==> flow/design.v <==
module storage_rtl (CLK, i_rst, i_wen, i_write_addr, i_wdata, i_rsel_a, i_rsel_b, o_dout_a, o_dout_b);
   parameter ENTRIES = 10;
   parameter XLEN = 16;
   localparam AW = $clog2(ENTRIES);
   input CLK;
   input i_rst;
   input i_wen;
   input [AW-1:0] i_write_addr;
   input [XLEN-1:0] i_wdata;
   input [AW-1:0] i_rsel_a;
   input [AW-1:0] i_rsel_b;
   output [XLEN-1:0] o_dout_a;
   output [XLEN-1:0] o_dout_b;
   reg [XLEN-1:0] ram [0:ENTRIES-1];
   integer k;
   always @(posedge CLK) begin
      if (i_rst) begin
         for (k = 0; k < ENTRIES; k = k + 1)
            ram[k] <= 0;
      end else if (i_wen) begin
         ram[i_write_addr] <= i_wdata;
      end
   end
   reg [XLEN-1:0] r_dout_a;
   always @(posedge CLK) begin
      if (i_rst) begin
         r_dout_a <= 0;
      end else begin
         r_dout_a <= ram[i_rsel_a];
      end
   end
   assign o_dout_a = r_dout_a;
   reg [XLEN-1:0] r_dout_b;
   always @(posedge CLK) begin
      if (i_rst) begin
         r_dout_b <= 0;
      end else begin
         r_dout_b <= ram[i_rsel_b];
      end
   end
   assign o_dout_b = r_dout_b;
endmodule
Lab notebook: storage_rtl

* From RTL to reports: storage_rtl
A sweep over "ENTRIES": the same steps for each member of the family. The file above is the member ENTRIES = 10. Line numbers count from 1 in each member's own file. Cell names lack the library's common part. The mark - stands for no value.
Set-up: top storage_rtl, clock input CLK, cell library sky130hd, library corner tt_025C_1v80

* Members of the sweep
New or changed lines of each further member against the RTL above, in its own file; lines it lacks are not shown.
New or changed lines:
- ENTRIES 12 | line 2 | parameter ENTRIES = 12;
- ENTRIES 24 | line 2 | parameter ENTRIES = 24;
- ENTRIES 40 | line 2 | parameter ENTRIES = 40;

* After elaboration
Source: Yosys, flattened and elaborated, memories not mapped. Widths are those after wreduce; folded enables and synchronous resets count as part of the registers. Registers that Yosys merges into a memory's read port (data or address) are not register bits. Print and check cells do not count. Equal cells are merged and count once. Yosys's memory passes give these memory sizes; they may raise the number of words (mostly to a power of two), join words into wider ones and drop unused or constant bits.
Word-level totals:
- ENTRIES 10 | memories kept 1, bits of input ports 31, bits in writable memories 256, word-level cells 12, bits in registers 0
- ENTRIES 12 | memories kept 1, bits of input ports 31, bits in writable memories 256, word-level cells 8, bits in registers 0
- ENTRIES 24 | memories kept 1, bits of input ports 34, bits in writable memories 512, word-level cells 8, bits in registers 0
- ENTRIES 40 | memories kept 1, bits of input ports 37, bits in writable memories 1024, word-level cells 8, bits in registers 0
Cells by class:
- ENTRIES 10 | multiplexer cells 10, reduce/logical cells 1
- ENTRIES 12 | multiplexer cells 7, reduce/logical cells 0
- ENTRIES 24 | multiplexer cells 7, reduce/logical cells 0
- ENTRIES 40 | multiplexer cells 7, reduce/logical cells 0
Operator list (kind and count):
- ENTRIES 10 | 3 x two-way mux 16 bit; 1 x OR reduction 16 bit; 3 x two-way mux 4 bit; 4 x two-way mux 1 bit
- ENTRIES 12 | 2 x two-way mux 16 bit; 2 x two-way mux 4 bit; 3 x two-way mux 1 bit
- ENTRIES 24 | 2 x two-way mux 16 bit; 2 x two-way mux 5 bit; 3 x two-way mux 1 bit
- ENTRIES 40 | 2 x two-way mux 16 bit; 2 x two-way mux 6 bit; 3 x two-way mux 1 bit

* Logic depth
Depth = most cells in a row (Yosys ltp): at word level without a register or memory, in the mapped netlist without a sequential cell, where the memories' decode and read muxes count.
Depth:
- ENTRIES 10 | word-level depth 4, ABC_AREA 0, gate-level depth with buffers 7, gate-level depth less buffers 4
- ENTRIES 12 | word-level depth 2, ABC_AREA 0, gate-level depth with buffers 7, gate-level depth less buffers 4
- ENTRIES 24 | word-level depth 2, ABC_AREA 0, gate-level depth with buffers 8, gate-level depth less buffers 4
- ENTRIES 40 | word-level depth 2, ABC_AREA 0, gate-level depth with buffers 9, gate-level depth less buffers 5

* Netlist
The flow's flattened synthesis, as Yosys stat reports it; memories are mapped. The netlist is that of the ABC_AREA named above (0 if unset); the other value can give another one. Totals and module areas in this step are rounded.
Cells by type (types with counts):
- ENTRIES 10 | 256 x edfxtp_1; 79 x mux4_2; 108 x mux2i_1; 32 x dfxtp_1; 152 x nor2_1; 57 x nand2_1; 20 x a22oi_1; 12 x buf_6; 12 x mux2_2; 22 x buf_2; 12 x a221oi_1; 12 x o221ai_1; 16 x o22ai_1; 16 x a21oi_1; 12 x nand2b_1; 10 x nor2b_1; 16 x inv_1; 11 x o21ai_0; [+53]
- ENTRIES 12 | 256 x edfxtp_1; 171 x mux2i_1; 194 x and2_1; 46 x mux4_2; 32 x dfxtp_1; 66 x a22oi_1; 48 x clkbuf_1; 43 x nand2_1; 29 x o21ai_0; 22 x buf_2; 14 x buf_4; 11 x a221oi_1; 22 x nor2_1; 13 x or2_2; 9 x nand3_1; 5 x a311oi_1; 5 x o2111ai_1; 7 x o22ai_1; [+30]
- ENTRIES 24 | 512 x edfxtp_1; 197 x mux4_2; 386 x and2_1; 128 x mux2i_1; 26 x mux4_1; 32 x dfxtp_1; 32 x a221o_1; 68 x clkbuf_1; 32 x a22oi_1; 20 x buf_6; 32 x a31oi_1; 21 x a221oi_1; 24 x or2_2; 6 x buf_12; 24 x buf_2; 15 x buf_4; 29 x nor2_1; 11 x o2111ai_1; [+100]
- ENTRIES 40 | 1024 x edfxtp_1; 495 x mux4_2; 642 x and2_1; 90 x mux2i_1; 32 x dfxtp_1; 153 x clkbuf_1; 49 x mux2_2; 77 x o22ai_1; 46 x buf_4; 47 x or2_2; 74 x nor2_1; 53 x o21ai_0; 23 x buf_6; 51 x buf_2; 35 x nor2b_1; 29 x a211oi_1; 53 x nand2_1; 38 x a21oi_1; [+178]
A list marked [+n] leaves out that many cells.
Synthesis totals:
- ENTRIES 10 | synthesis area 13520 um^2, sequential area 8328 um^2, buffers 64, cells in the netlist 908, flip-flops 288
- ENTRIES 12 | synthesis area 14130 um^2, sequential area 8328 um^2, buffers 86, cells in the netlist 1023, flip-flops 288
- ENTRIES 24 | synthesis area 27660 um^2, sequential area 16020 um^2, buffers 157, cells in the netlist 1695, flip-flops 544
- ENTRIES 40 | synthesis area 53020 um^2, sequential area 31390 um^2, buffers 294, cells in the netlist 3189, flip-flops 1056

* Path before layout
Source: OpenSTA report_checks on the synthesized netlist (no wires, ideal clock, input and output delay 20% of the period each), path of least setup slack; recovery checks are left aside. Register names are those of the netlist, which keeps one name where synthesis merged equal registers.
Path post-synthesis:
- ENTRIES 10 | kind input -> register, start input i_wen, end memory (name not given), clock period 3.17 ns, slack 0.507 ns, path delay 2.029 ns, driving pins on the path 4, period reached after synthesis 2.663 ns
- ENTRIES 12 | kind input -> register, start input i_rst, end memory (name not given), clock period 3.07 ns, slack 0.493 ns, path delay 1.963 ns, driving pins on the path 3, period reached after synthesis 2.577 ns
- ENTRIES 24 | kind input -> register, start input i_write_addr[1], end memory (name not given), clock period 2.91 ns, slack 0.467 ns, path delay 1.860 ns, driving pins on the path 3, period reached after synthesis 2.443 ns
- ENTRIES 40 | kind input -> register, start input i_write_addr[0], end memory (name not given), clock period 2.71 ns, slack 0.435 ns, path delay 1.733 ns, driving pins on the path 3, period reached after synthesis 2.275 ns
"path delay" is the arrival time less input delay plus setup time. "driving pins on the path" counts driving pins, that of a launching flip-flop among them; a cell with two outputs on the path counts twice. "period reached after synthesis" is the clock period less the worst setup slack; recovery checks do not enter. This is arithmetic on one report: input and output delays are still those of the set period (20% each). The rows between start and end are the longest chain of elaborated cells between them; the timing report does not say that the signal goes this way. Where chains are equally long, one stands for them. A line is the first line of the expression or statement that the cell stems from. Yosys adds cells for indexed reads and writes and turns some case tables into memories. ENTRIES = 10: Only ways into the end's enable, where the timed path ends, are counted here.
On the way, post-synthesis, ENTRIES = 10: cells in the longest elaborated chain 4
Ends and longest elaborated chain, post-synthesis, ENTRIES = 10:
- start, declared | line 7 | input i_wen;
- two-way mux 1 bit | line 20 | end else if (i_wen) begin
- two-way mux 1 bit | line 17 | if (i_rst) begin
- OR reduction 16 bit
- two-way mux 4 bit
On the way, post-synthesis, ENTRIES = 40: cells in the longest elaborated chain 2
Ends and longest elaborated chain, post-synthesis, ENTRIES = 40:
- start, declared | line 8 | input [AW-1:0] i_write_addr;
- two-way mux 6 bit | line 20 | end else if (i_wen) begin
- two-way mux 6 bit | line 17 | if (i_rst) begin

* Worst path after layout
From the final timing report of each member's run: the path of least setup slack in the routed layout; clock arrival at registers is part of the times.
Path after layout:
- ENTRIES 10 | kind input -> register, start input i_rst, end register r_dout_b[15], arrival 2.73 ns, driving pins on the path 6, clock period 3.17 ns, slack 0.89 ns
- ENTRIES 12 | kind input -> register, start input i_rst, end register r_dout_b[5], arrival 2.59 ns, driving pins on the path 6, clock period 3.07 ns, slack 0.86 ns
- ENTRIES 24 | kind input -> register, start input i_rsel_a[1], end register r_dout_a[10], arrival 3.02 ns, driving pins on the path 8, clock period 2.91 ns, slack 0.47 ns
- ENTRIES 40 | kind register -> output, start register r_dout_a[11], end output o_dout_a[11], arrival 1.98 ns, driving pins on the path 2, clock period 2.71 ns, slack 0.19 ns

* Measured runs
One run of the flow (Yosys, OpenROAD) for each member, with settings and measured results. Input and output delays are each 20% of the period that was set; the output load is 0.01 pF.
Flow settings: CAP_MARGIN 20, CORE_MARGIN 2, CORE_UTILIZATION 40, SLEW_MARGIN 20
Settings by member (period_ns):
- ENTRIES 10 | 3.17
- ENTRIES 12 | 3.07
- ENTRIES 24 | 2.91
- ENTRIES 40 | 2.71
Results:
- ENTRIES 10 | overall die area 35300 um^2, synthesized cell area 13520 um^2, total power of the final layout 0.009407 W, post-route setup TNS 0.000 ns, worst hold slack after layout 0.669 ns, period reached 2.285 ns, smallest setup slack 0.885 ns, standard-cell area after layout 16010 um^2, final design utilization 47.9%
- ENTRIES 12 | overall die area 36850 um^2, synthesized cell area 14130 um^2, total power of the final layout 0.009524 W, post-route setup TNS 0.000 ns, worst hold slack after layout 0.759 ns, period reached 2.206 ns, smallest setup slack 0.864 ns, standard-cell area after layout 16560 um^2, final design utilization 47.8%
- ENTRIES 24 | overall die area 71270 um^2, synthesized cell area 27660 um^2, total power of the final layout 0.0188 W, post-route setup TNS 0.000 ns, worst hold slack after layout 0.779 ns, period reached 2.444 ns, smallest setup slack 0.466 ns, standard-cell area after layout 31990 um^2, final design utilization 46.6%
- ENTRIES 40 | overall die area 135500 um^2, synthesized cell area 53020 um^2, total power of the final layout 0.03925 W, post-route setup TNS 0.000 ns, worst hold slack after layout 0.317 ns, period reached 2.518 ns, smallest setup slack 0.192 ns, standard-cell area after layout 63780 um^2, final design utilization 48.5%
"period reached": clock period set for the run, less the worst setup slack. It is reckoned from that one timing run; input and output delays stay at 20% of the period that was set. "total power of the final layout" rests on the timing tool's default activity at the inputs, not on a simulated workload. The measured numbers are rounded.
